==> flow/design.v <==
module alu_compare_stage #(
    parameter DWIDTH = 48
) (
    input  aclk,
    input  reset,
    input  [DWIDTH-1:0] lhs,
    input  [DWIDTH-1:0] rhs,
    output [DWIDTH-1:0] mn,
    output [DWIDTH-1:0] mx
);
    reg [DWIDTH-1:0] lhs_s;
    reg [DWIDTH-1:0] rhs_s;
    always @(posedge aclk) begin
        if (reset) begin
            lhs_s <= 0;
            rhs_s <= 0;
        end else begin
            lhs_s <= lhs;
            rhs_s <= rhs;
        end
    end
    wire work;
    assign work = lhs_s < rhs_s;
    reg [DWIDTH-1:0] mn_s;
    always @(posedge aclk) begin
        if (reset) begin
            mn_s <= 0;
        end else begin
            mn_s <= work ? lhs_s : rhs_s;
        end
    end
    assign mn = mn_s;
    reg [DWIDTH-1:0] mx_s;
    always @(posedge aclk) begin
        if (reset) begin
            mx_s <= 0;
        end else begin
            mx_s <= work ? rhs_s : lhs_s;
        end
    end
    assign mx = mx_s;
endmodule
# Tool chain data of alu_compare_stage
# What the tools print for alu_compare_stage, step after step.
# Lines are those of the file above, counted from 1.
# Not given: --
# inputs
top_module	alu_compare_stage
clock	aclk
lib	sky130hd
corner	tt_025C_1v80

# Word-level counts
# Yosys after proc, flatten, opt, wreduce and memory -nomap, before mapping. Enables and synchronous resets that opt folds into registers are not counted as muxes. Memory bits, and registers merged into a memory's read port (data or address), are not among the register bits. Print and check cells are not counted. Equal cells are merged and count once.
# op_classes
n_cmp	1
muxes	2
# ops
cell	n
48-bit two-way mux	2
48-bit < comparator	1
# bits
reg_bits	192
output_inout_bits	96

# Longest topological paths
# Longest topological path by Yosys (ltp), each cell counted once; first at word level (registers and memories cut), then after technology mapping (sequential cells cut; the memories' decode and read muxes count).
# depth
ltp_word	2
abc_area	0
mapped_depth	12

# Synthesis result
# The flow's flattened synthesis, as Yosys stat reports it; memories are mapped. The netlist is that of the ABC_AREA named above (0 if unset); the other value can give another one.
# Totals and module areas in this step are rounded.
# mapped
stdcells	676
mapped_area_mm2	0.007423
seq_area_mm2	0.003844
ffs	192
buf_cells	32
# types
cell	n	type_area_um2
sky130_fd_sc_hd__dfxtp_1	192	3.84E+03
sky130_fd_sc_hd__mux2i_1	96	960.922
sky130_fd_sc_hd__nand2b_1	98	613.088
sky130_fd_sc_hd__nor2b_1	97	606.832
sky130_fd_sc_hd__ha_1	47	588.064
sky130_fd_sc_hd__inv_1	47	176.419
sky130_fd_sc_hd__a21oi_1	16	80.077
sky130_fd_sc_hd__clkbuf_1	21	78.826
sky130_fd_sc_hd__a21o_1	8	60.058
sky130_fd_sc_hd__buf_12	3	60.058
sky130_fd_sc_hd__nand2_1	9	33.782
sky130_fd_sc_hd__nand4_1	5	31.28
sky130_fd_sc_hd__buf_4	4	30.029
sky130_fd_sc_hd__o21ai_0	6	30.029
sky130_fd_sc_hd__buf_6	2	22.522
sky130_fd_sc_hd__nor4_4	1	21.27
sky130_fd_sc_hd__a221oi_1	2	17.517
sky130_fd_sc_hd__and4_1	2	17.517
# Other cell types: 14; their cells: 20.

# Timing after synthesis
# Path of least setup slack by OpenSTA after synthesis, without wires, with an ideal clock, recovery checks aside; 20% of the period is set as input and as output delay. Where synthesis merged equal registers, the netlist keeps one of their names.
# synth_timing
path_type	register to register
from	register rhs_s[31]
to	register mx_s[18]
clock_period_ns	2.93
setup_ns	0.119
launch_ns	0.000
arrival_ns	2.223
slack_ns	0.588
delay_ns	2.342
path_stages	13
path_buffers	3
synth_period_reached_ns	2.342
# "delay_ns" is the arrival time less input delay plus setup time.
# "path_stages": output pins that drive a net of the path, with the launching flip-flop's if there is one; two outputs of one cell count as two.
# "synth_period_reached_ns" = period - worst setup slack (recovery checks aside). The figure is calculated, with input and output delays left at 20% of the set period.
# The rows between start and end are the longest chain of elaborated cells between them; the timing report does not say that the signal goes this way. Where chains are equally long, one stands for them.
# Each line given opens the expression or statement behind the cell; cells for indexed reads and writes are added by Yosys, which also makes memories of some case tables.
# synth_via
cell_sequence	sky130_fd_sc_hd__dfxtp_1 > sky130_fd_sc_hd__inv_1 > sky130_fd_sc_hd__ha_1 > sky130_fd_sc_hd__nand4_2 > sky130_fd_sc_hd__nor4_4 > sky130_fd_sc_hd__a21oi_1 > sky130_fd_sc_hd__o211ai_2 > sky130_fd_sc_hd__a31oi_2 > sky130_fd_sc_hd__o41a_1 > sky130_fd_sc_hd__buf_4 > sky130_fd_sc_hd__buf_12 > sky130_fd_sc_hd__buf_12 > sky130_fd_sc_hd__mux2i_1
elab_chain_cells	2
cells_between	2
lines_between	2
# synth_lines
item	line	rtl
from (decl)	12	reg [DWIDTH-1:0] rhs_s;
from (assign)	16	rhs_s <= 0;
from (assign)	19	rhs_s <= rhs;
48-bit < comparator	23	assign work = lhs_s < rhs_s;
48-bit two-way mux	38	mx_s <= work ? rhs_s : lhs_s;
to (assign)	36	mx_s <= 0;
to (assign)	38
to (decl)	33	reg [DWIDTH-1:0] mx_s;

# Timing after layout
# From the final timing report of flow run A: the path of least setup slack in the routed layout; clock arrival at registers is part of the times.
# layout_timing
path_type	register to register
from	register rhs_s[1]
to	register mx_s[35]
clock_period_ns	2.93
setup_ns	0.07
launch_ns	0.42
arrival_ns	3.04
slack_ns	0.23
path_stages	10
path_buffers	1
# The rows between start and end are the longest chain of elaborated cells between them; the timing report does not say that the signal goes this way. Where chains are equally long, one stands for them.
# layout_via
cell_sequence	sky130_fd_sc_hd__dfxtp_1 > sky130_fd_sc_hd__inv_1 > sky130_fd_sc_hd__ha_1 > sky130_fd_sc_hd__a2111o_1 > sky130_fd_sc_hd__a311oi_2 > sky130_fd_sc_hd__o21ai_1 > sky130_fd_sc_hd__a31oi_2 > sky130_fd_sc_hd__o41a_4 > sky130_fd_sc_hd__buf_4 > sky130_fd_sc_hd__mux2i_1
elab_chain_cells	2
cells_between	2
lines_between	2
# layout_lines
item	line	rtl
from (decl)	12	reg [DWIDTH-1:0] rhs_s;
from (assign)	16	rhs_s <= 0;
from (assign)	19	rhs_s <= rhs;
48-bit < comparator	23	assign work = lhs_s < rhs_s;
48-bit two-way mux	38	mx_s <= work ? rhs_s : lhs_s;
to (assign)	36	mx_s <= 0;
to (assign)	38
to (decl)	33	reg [DWIDTH-1:0] mx_s;

# Stored flow runs of alu_compare_stage (2 of them; Yosys, OpenROAD, sky130hd). They differ in their settings and are not a sequence. Constraints: input delay and output delay 20% of the set period each, output load 0.01 pF.
# By "clock_period_reached_ns" is meant the clock period of the run minus its worst setup slack. This is arithmetic on one report: input and output delays are still those of the set period (20% each).
# "worst_path_ns" = time allowed to the worst setup path (clock period - input delay - output delay, where it has them) - its slack; a late launch clock adds to it, a late capture clock takes from it.
# "totalPower_mw" rests on the timing tool's default activity at the inputs, not on a simulated workload.
# Values from the reports are rounded here.
# A setting shown as -- is not set for that run.
stored run	period_ns	CAP_MARGIN	CORE_MARGIN	CORE_UTILIZATION	SLEW_MARGIN	SETUP_SLACK_MARGIN	PLACE_DENSITY_LB_ADDON	HOLD_SLACK_MARGIN	CORE_ASPECT_RATIO	CELL_PAD_IN_SITES_DETAIL_PLACEMENT	TNS_END_PERCENT	ABC_AREA	CTS_CLUSTER_SIZE	CTS_CLUSTER_DIAMETER	MIN_ROUTING_LAYER	yosys.chip_area_mm2	holdWs_ns	layout_stdcell_area_mm2	final_setup_ws_ns	final_die_area_mm2	utilization_pct	clock_period_reached_ns	totalPower_mw	setup_tns_ns	worst_path_ns	worstPathKind
flow run A	2.93	20	2	40	20	--	--	--	--	--	--	--	--	--	--	0.007423	0.498	0.01018	0.233	0.01966	56.3	2.697	6.229	0.000	2.70	register to register
flow run B	4.52	40	2	38	30	-0.42	0.18	0.25	1.63	1	100	1	78	287	met1	0.009174	0.495	0.01175	1.613	0.02544	49.6	2.907	4.565	0.000	2.91	register to register
